==> flow/design.v <==
module u_chooser_sel2 #(parameter N = 1) (
    input wire [N-1:0] a,
    input wire [N-1:0] b,
    input wire s,
    output wire [N-1:0] y
);
    assign y = (a & {N{~s}}) | (b & {N{s}});
endmodule
module u_chooser #(
    parameter integer DW = 4,
    parameter integer COUNT = 64,
    parameter integer SEL_W = $clog2(COUNT)
) (
    input  wire ck,
    input  wire rst_ni,
    input  wire enable,
    input  wire [COUNT*DW-1:0] i_in,
    input  wire [SEL_W-1:0] i_choose,
    output reg [DW-1:0] o_z_o
);
    wire [DW-1:0] nd [1:2*COUNT-1];
    genvar i;
    generate
        for (i = 0; i < COUNT; i = i + 1) begin : gen
            assign nd[COUNT+i] = i_in[i*DW +: DW];
        end
        for (i = 1; i < COUNT; i = i + 1) begin : each
            u_chooser_sel2 #(.N(DW)) unit (.a(nd[2*i]), .b(nd[2*i+1]), .s(i_choose[SEL_W - $clog2(i+1)]), .y(nd[i]));
        end
    endgenerate
    always @(posedge ck or negedge rst_ni) begin
        if (~rst_ni) begin
            o_z_o <= 0;
        end else if (enable) begin
            o_z_o <= nd[1];
        end
    end
endmodule
### Reports on u_chooser

Tool output for the design above, in the order of the flow.
Line numbers count from 1 in the design file above.
Library cell names are shortened.
A cell with n/a has no value.

| design | value |
|---|---|
| top | u_chooser |
| clock input | ck |
| library | sky130hd |
| library corner | tt_025C_1v80 |

### Word level

Source: Yosys, flattened and elaborated, memories not mapped. Widths are those after wreduce; folded enables and synchronous resets count as part of the registers. Registers that Yosys merges into a memory's read port (data or address) are not register bits. Print and check cells do not count. Equal cells are merged and count once.

| storage and ports | value |
|---|---|
| register bits after elaboration | 4 |
| input port bits | 265 |
| output and inout bits | 4 |
| word-level cells | 196 |

| cells by class | value |
|---|---|
| bitwise operators | 195 |

Operators with widths:

| cell | count |
|---|---|
| 4-bit bitwise AND | 126 |
| 4-bit OR | 63 |
| 1-bit inverter | 6 |

### Logic depth

Longest topological path by Yosys (ltp), each cell counted once; first at word level (registers and memories cut), then after technology mapping (sequential cells cut; the memories' decode and read muxes count).

| logic depth | value |
|---|---|
| word-level depth | 13 |
| ABC_AREA | 0 |
| depth in mapped cells | 9 |

### After synthesis

The flow's flattened synthesis, as Yosys stat reports it; memories are mapped. The netlist is that of the ABC_AREA named above (0 if unset); the other value can give another one.
Totals and module areas in this step are rounded.

Cells by type:

| type | count |
|---|---|
| mux2i_1 | 76 |
| mux4_2 | 26 |
| a22oi_1 | 26 |
| mux4_1 | 6 |
| buf_6 | 10 |
| dfrtp_1 | 4 |
| nand3_1 | 16 |
| a221oi_1 | 7 |
| nor2b_1 | 6 |
| a211oi_1 | 4 |
| a32o_1 | 3 |
| buf_8 | 2 |
| nand2_1 | 8 |
| o21ai_0 | 6 |
| a22o_1 | 3 |
| buf_4 | 3 |
| a21oi_1 | 4 |
| buf_12 | 1 |

Not listed: further types 9, cells in them 17.

| mapped netlist | value |
|---|---|
| cell count | 228 |
| synthesis area | 2415 µm² |
| flip-flop cells | 4 |
| buffer cells | 23 |

By module: a second synthesis without flattening, with its own total; a netlist apart from the flattened one above.

| second synthesis, totals | value |
|---|---|
| cells (unflattened synthesis) | 260 |
| area (unflattened synthesis) | 2983 µm² |

Rows give one instance, submodules left out.

Modules:

| module | instances | cells | area (µm²) | sequential area (µm²) |
|---|---|---|---|---|
| (name not given) #(N=4) | 63 | 4 | 45.0 | 0.0 |
| (name not given) | 1 | 8 | 145.1 | 100.1 |

### Worst setup path after synthesis

Source: OpenSTA report_checks on the synthesized netlist (no wires, ideal clock, input and output delay 20% of the period each), path of least setup slack; recovery checks are left aside. Register names are those of the netlist, which keeps one name where synthesis merged equal registers.

| timing after synthesis | value |
|---|---|
| kind | in2reg |
| start | in (name not given) |
| end | reg o_z_o[2] |
| period | 2.02 ns |
| external input delay | 0.404 ns |
| library setup time | 0.129 ns |
| arrival time | 1.571 ns |
| data required time | 1.891 ns |
| path slack | 0.320 ns |
| path delay | 1.296 ns |
| stages | 6 |
| path buffers | 1 |
| period reached after synthesis | 1.7 ns |

"path delay" = arrival - input delay + setup time.
"stages" counts driving pins, that of a launching flip-flop among them; a cell with two outputs on the path counts twice.
"period reached after synthesis" is the clock period less the worst setup slack; recovery checks do not enter. This is arithmetic on one report: input and output delays are still those of the set period (20% each).
Between the ends stands the longest chain of elaborated cells between them, by number of cells; it is not shown to be the way that was timed. Of several equally long chains one is given.
Each line given opens the expression or statement behind the cell; cells for indexed reads and writes are added by Yosys, which also makes memories of some case tables.

| on the way, after synthesis | value |
|---|---|
| cell sequence | clkbuf_4 > mux4_2 > a211oi_1 > a21oi_1 > nand3_1 > nand3_1 |
| cells in the longest elaborated chain | 9 |
| elaborated cells on any way between the ends | 46 |
| RTL lines with such cells | 1 |

RTL lines, path after synthesis:

| item | RTL line | text |
|---|---|---|
| start: declaration | 18 |  |
| 1-bit inverter | 7 | `assign y = (a & {N{~s}}) \| (b & {N{s}});` |
| 4-bit bitwise AND | 7 |  |
| 4-bit OR | 7 |  |
| 4-bit bitwise AND | 7 |  |
| 4-bit OR | 7 |  |
| 4-bit bitwise AND | 7 |  |
| 4-bit OR | 7 |  |
| 4-bit bitwise AND | 7 |  |
| 4-bit OR | 7 |  |
| end: assignment | 33 | `o_z_o <= 0;` |
| end: assignment | 35 | `o_z_o <= nd[1];` |
| end: declaration | 19 | `output reg [DW-1:0] o_z_o` |

### Timing after layout

Path of least setup slack in the final report of run 2 (OpenROAD, finished layout, wires in). Where an end is a register, its clock arrival counts in the times.

| timing post-layout | value |
|---|---|
| kind | in2reg |
| start | in (name not given) |
| end | reg o_z_o[1] |
| period | 2.02 ns |
| external input delay | 0.40 ns |
| library setup time | 0.14 ns |
| arrival time | 2.13 ns |
| data required time | 2.11 ns |
| path slack | -0.03 ns |
| stages | 7 |
| path buffers | 2 |

Between the ends stands the longest chain of elaborated cells between them, by number of cells; it is not shown to be the way that was timed. Of several equally long chains one is given.

| on the way, post-layout | value |
|---|---|
| cell sequence | buf_4 > buf_12 > mux4_1 > mux2i_1 > a221oi_1 > nand3_1 > nand3_2 |
| cells in the longest elaborated chain | 9 |
| elaborated cells on any way between the ends | 46 |
| RTL lines with such cells | 1 |

RTL lines, path post-layout:

| item | RTL line | text |
|---|---|---|
| start: declaration | 18 |  |
| 1-bit inverter | 7 | `assign y = (a & {N{~s}}) \| (b & {N{s}});` |
| 4-bit bitwise AND | 7 |  |
| 4-bit OR | 7 |  |
| 4-bit bitwise AND | 7 |  |
| 4-bit OR | 7 |  |
| 4-bit bitwise AND | 7 |  |
| 4-bit OR | 7 |  |
| 4-bit bitwise AND | 7 |  |
| 4-bit OR | 7 |  |
| end: assignment | 33 | `o_z_o <= 0;` |
| end: assignment | 35 | `o_z_o <= nd[1];` |
| end: declaration | 19 | `output reg [DW-1:0] o_z_o` |

Subject: flow runs of u_chooser

Hi,

Design u_chooser on sky130hd. What follows are 3 stored runs of the flow, each under its own settings; their order means nothing. The constraints put input and output delay at 20% of the set period each and load the outputs with 0.01 pF.
"achieved clock period": clock period set for the run, less the worst setup slack. It is reckoned from that one timing run; input and output delays stay at 20% of the period that was set.
"time used up by the worst setup path" = time allowed to the worst setup path (clock period - input delay - output delay, where it has them) - its slack; a late launch clock adds to it, a late capture clock takes from it.
"power consumption" is the tool's figure for a default switching activity; nothing was simulated.
The results are shown rounded.
Among the settings, n/a means not set for that run.
Results: n/a = not shown.

| run | period_ns | CORE_UTILIZATION | PLACE_DENSITY | HOLD_SLACK_MARGIN | CELL_PAD_IN_SITES_DETAIL_PLACEMENT | ABC_AREA | CTS_CLUSTER_SIZE | CAP_MARGIN | SLEW_MARGIN | MIN_ROUTING_LAYER | CORE_MARGIN | SETUP_SLACK_MARGIN | PLACE_DENSITY_LB_ADDON | TNS_END_PERCENT | GPL_TIMING_DRIVEN | CTS_CLUSTER_DIAMETER | MAX_ROUTING_LAYER | area of the synthesized netlist (µm²) | achieved clock period (ns) | power consumption (uW) | worst setup slack after layout (ns) | full die area (µm²) | total negative slack on setup checks (ns) | standard-cell area after routing (µm²) | post-route utilization (%) | time used up by the worst setup path (ns) | class of the worst setup path |
|---|---|---|---|---|---|---|---|---|---|---|---|---|---|---|---|---|---|---|---|---|---|---|---|---|---|---|---|
| run 1 | 2.4 | 47 | 0.49 | 0.23 | 1 | 1 | 96 | 10 | 30 | met1 | 2 | n/a | n/a | n/a | n/a | n/a | n/a | n/a | n/a | n/a | n/a | n/a | n/a | n/a | n/a | n/a | n/a |
| run 2 | 2.02 | 40 | n/a | n/a | n/a | n/a | n/a | 20 | 20 | n/a | 2 | n/a | n/a | n/a | n/a | n/a | n/a | 2415 | 2.046 | 1472 | -0.026 | 6675 | -0.026 | 5359 | 91.1 | 1.64 | in2reg |
| run 3 | 2.04 | 16 | n/a | n/a | 1 | 0 | 22 | 20 | 20 | n/a | 2 | 0.19 | 0.06 | 85 | 0 | 177 | met4 | 2415 | 1.788 | 1536 | 0.252 | 16090 | 0.000 | 5643 | 38.5 | 1.38 | in2reg |

Run 1: no final report: placement broke off with GPL-0301

Regards
